==> flow/design.v <==
module u_mplex #(
  parameter int DWIDTH = 16,
  parameter int INPUTS = 64,
  parameter int SEL_WIDTH = $clog2(INPUTS)
) (
  input logic clock,
  input logic nrst,
  input logic step,
  input logic [INPUTS*DWIDTH-1:0] bus,
  input logic [SEL_WIDTH-1:0] pick,
  output logic [DWIDTH-1:0] res
);
  logic [INPUTS*DWIDTH-1:0] bus_r;
  logic [SEL_WIDTH-1:0] pick_r;
  logic [DWIDTH-1:0] res_r;
  assign res = res_r;
  always_ff @(posedge clock or negedge nrst) begin
    if (~nrst) begin
      bus_r <= '0;
      pick_r <= '0;
      res_r <= '0;
    end else if (step) begin
      bus_r <= bus;
      pick_r <= pick;
      res_r <= bus_r[pick_r*DWIDTH +: DWIDTH];
    end
  end
endmodule
* From RTL to reports: u_mplex
What the tools print for u_mplex, step after step.
Line numbers count from 1 in the design file above.
A cell with n/a has no value.
- Design top :: u_mplex
- Clock port :: clock
- Cell library :: sky130hd
- Library corner :: tt_025C_1v80

* Word level
Yosys after proc, flatten, opt, wreduce and memory -nomap, before mapping. Enables and synchronous resets that opt folds into registers are not counted as muxes. Memory bits, and registers merged into a memory's read port (data or address), are not among the register bits. Print and check cells are not counted. Equal cells are merged and count once.
- Bits in registers :: 1046
- Latch bits :: 0
- Bits in writable memories :: 0
- ROM bits :: 0
- Word width x clocked read ports :: 0
- Memories kept :: 0
- Input port bits :: 1033
- Output and inout bits :: 16
- Elaborated cells :: 4
- Add/subtract/negate cells :: 0
- $mul :: 0
- Divide/modulo/power cells :: 0
- Magnitude comparators :: 0
- Equal/unequal tests :: 0
- Shift operators :: 1
- Muxes and demuxes :: 0
- Bitwise gates (word level) :: 0
- Reductions and logical operators :: 0
** Operators by type and width (count)
- 1024-bit by 11-bit variable part select with 16-bit output :: 1

* Depth
Yosys ltp: most cells in a row. Word level: on the elaborated netlist, between registers, memories and ports. Mapped: between sequential cells and ports; inverters and the memories' decode and read muxes count.
- Depth after elaboration :: 1
- ABC_AREA :: 0
- Gate-level depth with buffers :: 10
- Mapped depth without buffers :: 5

* Synthesis result
The flow's flattened synthesis, as Yosys stat reports it; memories are mapped. The netlist is that of the ABC_AREA named above (0 if unset); the other value can give another one.
The area totals of this step are shown rounded.
** Cells by type
- sky130_fd_sc_hd__dfrtp_1 :: count 1046, total area 2.62E+04 um2
- sky130_fd_sc_hd__mux2_2 :: count 1046, total area 1.18E+04 um2
- sky130_fd_sc_hd__mux4_2 :: count 157, total area 3.54E+03 um2
- sky130_fd_sc_hd__mux2i_1 :: count 192, total area 1.92E+03 um2
- sky130_fd_sc_hd__clkbuf_1 :: count 162, total area 608.083 um2
- sky130_fd_sc_hd__a22oi_1 :: count 80, total area 600.576 um2
- sky130_fd_sc_hd__o22ai_1 :: count 32, total area 200.192 um2
- sky130_fd_sc_hd__nand2_1 :: count 51, total area 191.434 um2
- sky130_fd_sc_hd__buf_2 :: count 37, total area 185.178 um2
- sky130_fd_sc_hd__a221o_1 :: count 16, total area 160.154 um2
- sky130_fd_sc_hd__o2111ai_1 :: count 16, total area 140.134 um2
- sky130_fd_sc_hd__o221ai_1 :: count 16, total area 140.134 um2
- sky130_fd_sc_hd__nor2_1 :: count 35, total area 131.376 um2
- sky130_fd_sc_hd__nand2b_1 :: count 19, total area 118.864 um2
- sky130_fd_sc_hd__or2_2 :: count 17, total area 106.352 um2
- sky130_fd_sc_hd__nand4_1 :: count 16, total area 100.096 um2
- sky130_fd_sc_hd__a21oi_1 :: count 16, total area 80.077 um2
- sky130_fd_sc_hd__buf_12 :: count 4, total area 80.077 um2
Not listed: further types 15, cells in them 65.
- Standard cells after synthesis :: 3023
- Cell area after synthesis :: 47000 um2
- Sequential part of the area :: 26000 um2
- Flip-flop cells :: 1046

* Path before layout
Source: OpenSTA report_checks on the synthesized netlist (no wires, ideal clock, input and output delay 20% of the period each), path of least setup slack; recovery checks are left aside. Register names are those of the netlist, which keeps one name where synthesis merged equal registers.
- Path type :: reg-to-reg
- From :: reg pick_r[2]
- To :: reg res_r[15]
- Clock period :: 2.66 ns
- Library setup time :: 0.126 ns
- Data arrival time :: 2.006 ns
- Setup slack :: 0.528 ns
- Path delay :: 2.132 ns
- Stages on the path :: 8
- Buffers on the path :: 3
- Synthesis period reached :: 2.132 ns
"path delay" = arrival - input delay + setup time.
"stages on the path" counts driving pins, that of a launching flip-flop among them; a cell with two outputs on the path counts twice.
"synthesis period reached" is the clock period less the worst setup slack; recovery checks do not enter. This is arithmetic on one report: input and output delays are still those of the set period (20% each).
The rows between start and end are the longest chain of elaborated cells between them; the timing report does not say that the signal goes this way. Where chains are equally long, one stands for them.
Each line given opens the expression or statement behind the cell; cells for indexed reads and writes are added by Yosys, which also makes memories of some case tables.
- Path through :: sky130_fd_sc_hd__dfrtp_1 > sky130_fd_sc_hd__clkbuf_1 > sky130_fd_sc_hd__clkbuf_1 > sky130_fd_sc_hd__buf_2 > sky130_fd_sc_hd__mux4_2 > sky130_fd_sc_hd__a22oi_1 > sky130_fd_sc_hd__nand2_1 > sky130_fd_sc_hd__a221o_1
- Cells in the longest elaborated chain :: 1
- Elaborated cells on any way between the ends :: 1
- Source lines of those cells :: 1
** RTL lines, path post-synthesis
- start: declaration :: RTL line 14 : logic [SEL_WIDTH-1:0] pick_r;
- start: assignment :: RTL line 20 : pick_r <= '0;
- start: assignment :: RTL line 24 : pick_r <= pick;
- 1024-bit by 11-bit variable part select with 16-bit output :: RTL line 25 : res_r <= bus_r[pick_r*DWIDTH +: DWIDTH];
- end: assignment :: RTL line 21 : res_r <= '0;
- end: assignment :: RTL line 25
- end: declaration :: RTL line 15 : logic [DWIDTH-1:0] res_r;

* Path in the finished layout
Path of least setup slack in the final report of stored run 1 (OpenROAD, finished layout, wires in). Where an end is a register, its clock arrival counts in the times.
- Path type :: reg-to-reg
- From :: reg pick_r[0]
- To :: reg res_r[9]
- Clock period :: 2.66 ns
- Library setup time :: 0.11 ns
- Data arrival time :: 3.18 ns
- Setup slack :: 0.06 ns
- Stages on the path :: 7
- Buffers on the path :: 2
The rows between start and end are the longest chain of elaborated cells between them; the timing report does not say that the signal goes this way. Where chains are equally long, one stands for them.
- Path through :: sky130_fd_sc_hd__dfrtp_4 > sky130_fd_sc_hd__buf_12 > sky130_fd_sc_hd__buf_12 > sky130_fd_sc_hd__mux4_2 > sky130_fd_sc_hd__a22oi_1 > sky130_fd_sc_hd__nand2_1 > sky130_fd_sc_hd__a221o_1
- Cells in the longest elaborated chain :: 1
- Elaborated cells on any way between the ends :: 1
- Source lines of those cells :: 1
** RTL lines, path after layout
- start: declaration :: RTL line 14 : logic [SEL_WIDTH-1:0] pick_r;
- start: assignment :: RTL line 20 : pick_r <= '0;
- start: assignment :: RTL line 24 : pick_r <= pick;
- 1024-bit by 11-bit variable part select with 16-bit output :: RTL line 25 : res_r <= bus_r[pick_r*DWIDTH +: DWIDTH];
- end: assignment :: RTL line 21 : res_r <= '0;
- end: assignment :: RTL line 25
- end: declaration :: RTL line 15 : logic [DWIDTH-1:0] res_r;

Add stored flow runs of u_mplex

Module u_mplex, platform sky130hd: 3 stored runs of the flow (Yosys, OpenROAD) with differing settings, in no particular order. Input and output delays are each 20% of the period that was set; the output load is 0.01 pF.
"period reached" = clock period - worst setup slack. The figure is calculated, with input and output delays left at 20% of the set period.
"time of the worst setup path" is the time allowed to the run's worst setup path (the clock period less input and output delay, where it has them) less its slack. Clock arrival times count: a late capture clock shortens it, a late launch clock lengthens it.
By "total power of the final layout" is meant OpenSTA's value without simulated activity: inputs other than the clock are taken to toggle once in ten clock periods, and the tool carries that through the logic.
Values from the reports are rounded here.

* Stored run 1
** Files
==> flow/run.sh <==
#!/bin/bash
# the make line also repeats the synthesis and layout settings of config.mk as NAME=value (left out here)
make -C /OpenROAD-flow-scripts/flow DESIGN_CONFIG=/design/flow/config.mk WORK_HOME=/design/flow/orfs CLKGATE_MAP_FILE= finish
==> flow/config.mk <==
export PLATFORM = sky130hd
export DESIGN_NAME = u_mplex
export DESIGN_NICKNAME = u_mplex
export VERILOG_FILES = /design/flow/design.v
export SDC_FILE = /design/flow/constraint.sdc
export NUM_CORES = 4
export LEC_CHECK = 0
export CAP_MARGIN = 20
export CORE_MARGIN = 2
export CORE_UTILIZATION = 40
export SLEW_MARGIN = 20
==> flow/constraint.sdc <==
create_clock -name core_clock -period 2.66 [get_ports {clock}]
set_input_delay 0.5320 -clock core_clock [delete_from_list [all_inputs] [get_ports {clock}]]
set_output_delay 0.5320 -clock core_clock [all_outputs]
set_load 0.01 [all_outputs]
** Results
- Cell area after synthesis :: 47000 um2
- Time of the worst setup path :: 2.60 ns
- Worst setup path kind :: reg-to-reg
- Period reached :: 2.601 ns
- Setup slack of the critical path :: 0.059 ns
- Total power of the final layout :: 0.044 W
- Die size :: 120000 um2
- Area of the standard cells in the finished layout :: 65000 um2
- Post-layout utilization :: 56 %

* Stored run 2
** Files
==> flow/run.sh <==
#!/bin/bash
# the make line also repeats the synthesis and layout settings of config.mk as NAME=value (left out here)
make -C /OpenROAD-flow-scripts/flow DESIGN_CONFIG=/design/flow/config.mk WORK_HOME=/design/flow/orfs CLKGATE_MAP_FILE= finish
==> flow/config.mk <==
export PLATFORM = sky130hd
export DESIGN_NAME = u_mplex
export DESIGN_NICKNAME = u_mplex
export VERILOG_FILES = /design/flow/design.v
export SDC_FILE = /design/flow/constraint.sdc
export NUM_CORES = 4
export LEC_CHECK = 0
export ABC_AREA = 1
export CAP_MARGIN = 20
export CELL_PAD_IN_SITES_DETAIL_PLACEMENT = 2
export CORE_MARGIN = 2
export CORE_UTILIZATION = 26
export CTS_CLUSTER_DIAMETER = 397
export CTS_CLUSTER_SIZE = 49
export GPL_ROUTABILITY_DRIVEN = 1
export GPL_TIMING_DRIVEN = 1
export PLACE_DENSITY_LB_ADDON = 0.08
export SETUP_SLACK_MARGIN = 0.14
export SLEW_MARGIN = 20
==> flow/constraint.sdc <==
create_clock -name core_clock -period 2.13 [get_ports {clock}]
set_input_delay 0.4260 -clock core_clock [delete_from_list [all_inputs] [get_ports {clock}]]
set_output_delay 0.4260 -clock core_clock [all_outputs]
set_load 0.01 [all_outputs]
** Results
- Cell area after synthesis :: 49000 um2
- Time of the worst setup path :: 2.32 ns
- Worst setup path kind :: reg-to-reg
- Period reached :: 2.315 ns
- Setup slack of the critical path :: -0.19 ns
- Total power of the final layout :: 0.045 W
- Die size :: 190000 um2
- Area of the standard cells in the finished layout :: 68000 um2
- Post-layout utilization :: 36 %

* Stored run 3
** Files
==> flow/run.sh <==
#!/bin/bash
# the make line also repeats the synthesis and layout settings of config.mk as NAME=value (left out here)
make -C /OpenROAD-flow-scripts/flow DESIGN_CONFIG=/design/flow/config.mk WORK_HOME=/design/flow/orfs CLKGATE_MAP_FILE= finish
==> flow/config.mk <==
export PLATFORM = sky130hd
export DESIGN_NAME = u_mplex
export DESIGN_NICKNAME = u_mplex
export VERILOG_FILES = /design/flow/design.v
export SDC_FILE = /design/flow/constraint.sdc
export NUM_CORES = 4
export LEC_CHECK = 0
export CAP_MARGIN = 25
export CORE_ASPECT_RATIO = 0.88
export CORE_MARGIN = 2
export CORE_UTILIZATION = 37
export CTS_CLUSTER_DIAMETER = 379
export CTS_CLUSTER_SIZE = 37
export MIN_ROUTING_LAYER = met2
export PLACE_DENSITY_LB_ADDON = 0.22
export SETUP_SLACK_MARGIN = 0.14
export SLEW_MARGIN = 0
==> flow/constraint.sdc <==
create_clock -name core_clock -period 3.07 [get_ports {clock}]
set_input_delay 0.6140 -clock core_clock [delete_from_list [all_inputs] [get_ports {clock}]]
set_output_delay 0.6140 -clock core_clock [all_outputs]
set_load 0.01 [all_outputs]
** Results
- Cell area after synthesis :: 47000 um2
- Time of the worst setup path :: 2.98 ns
- Worst setup path kind :: reg-to-reg
- Period reached :: 2.977 ns
- Setup slack of the critical path :: 0.093 ns
- Total power of the final layout :: 0.031 W
- Die size :: 130000 um2
- Area of the standard cells in the finished layout :: 62000 um2
- Post-layout utilization :: 49 %
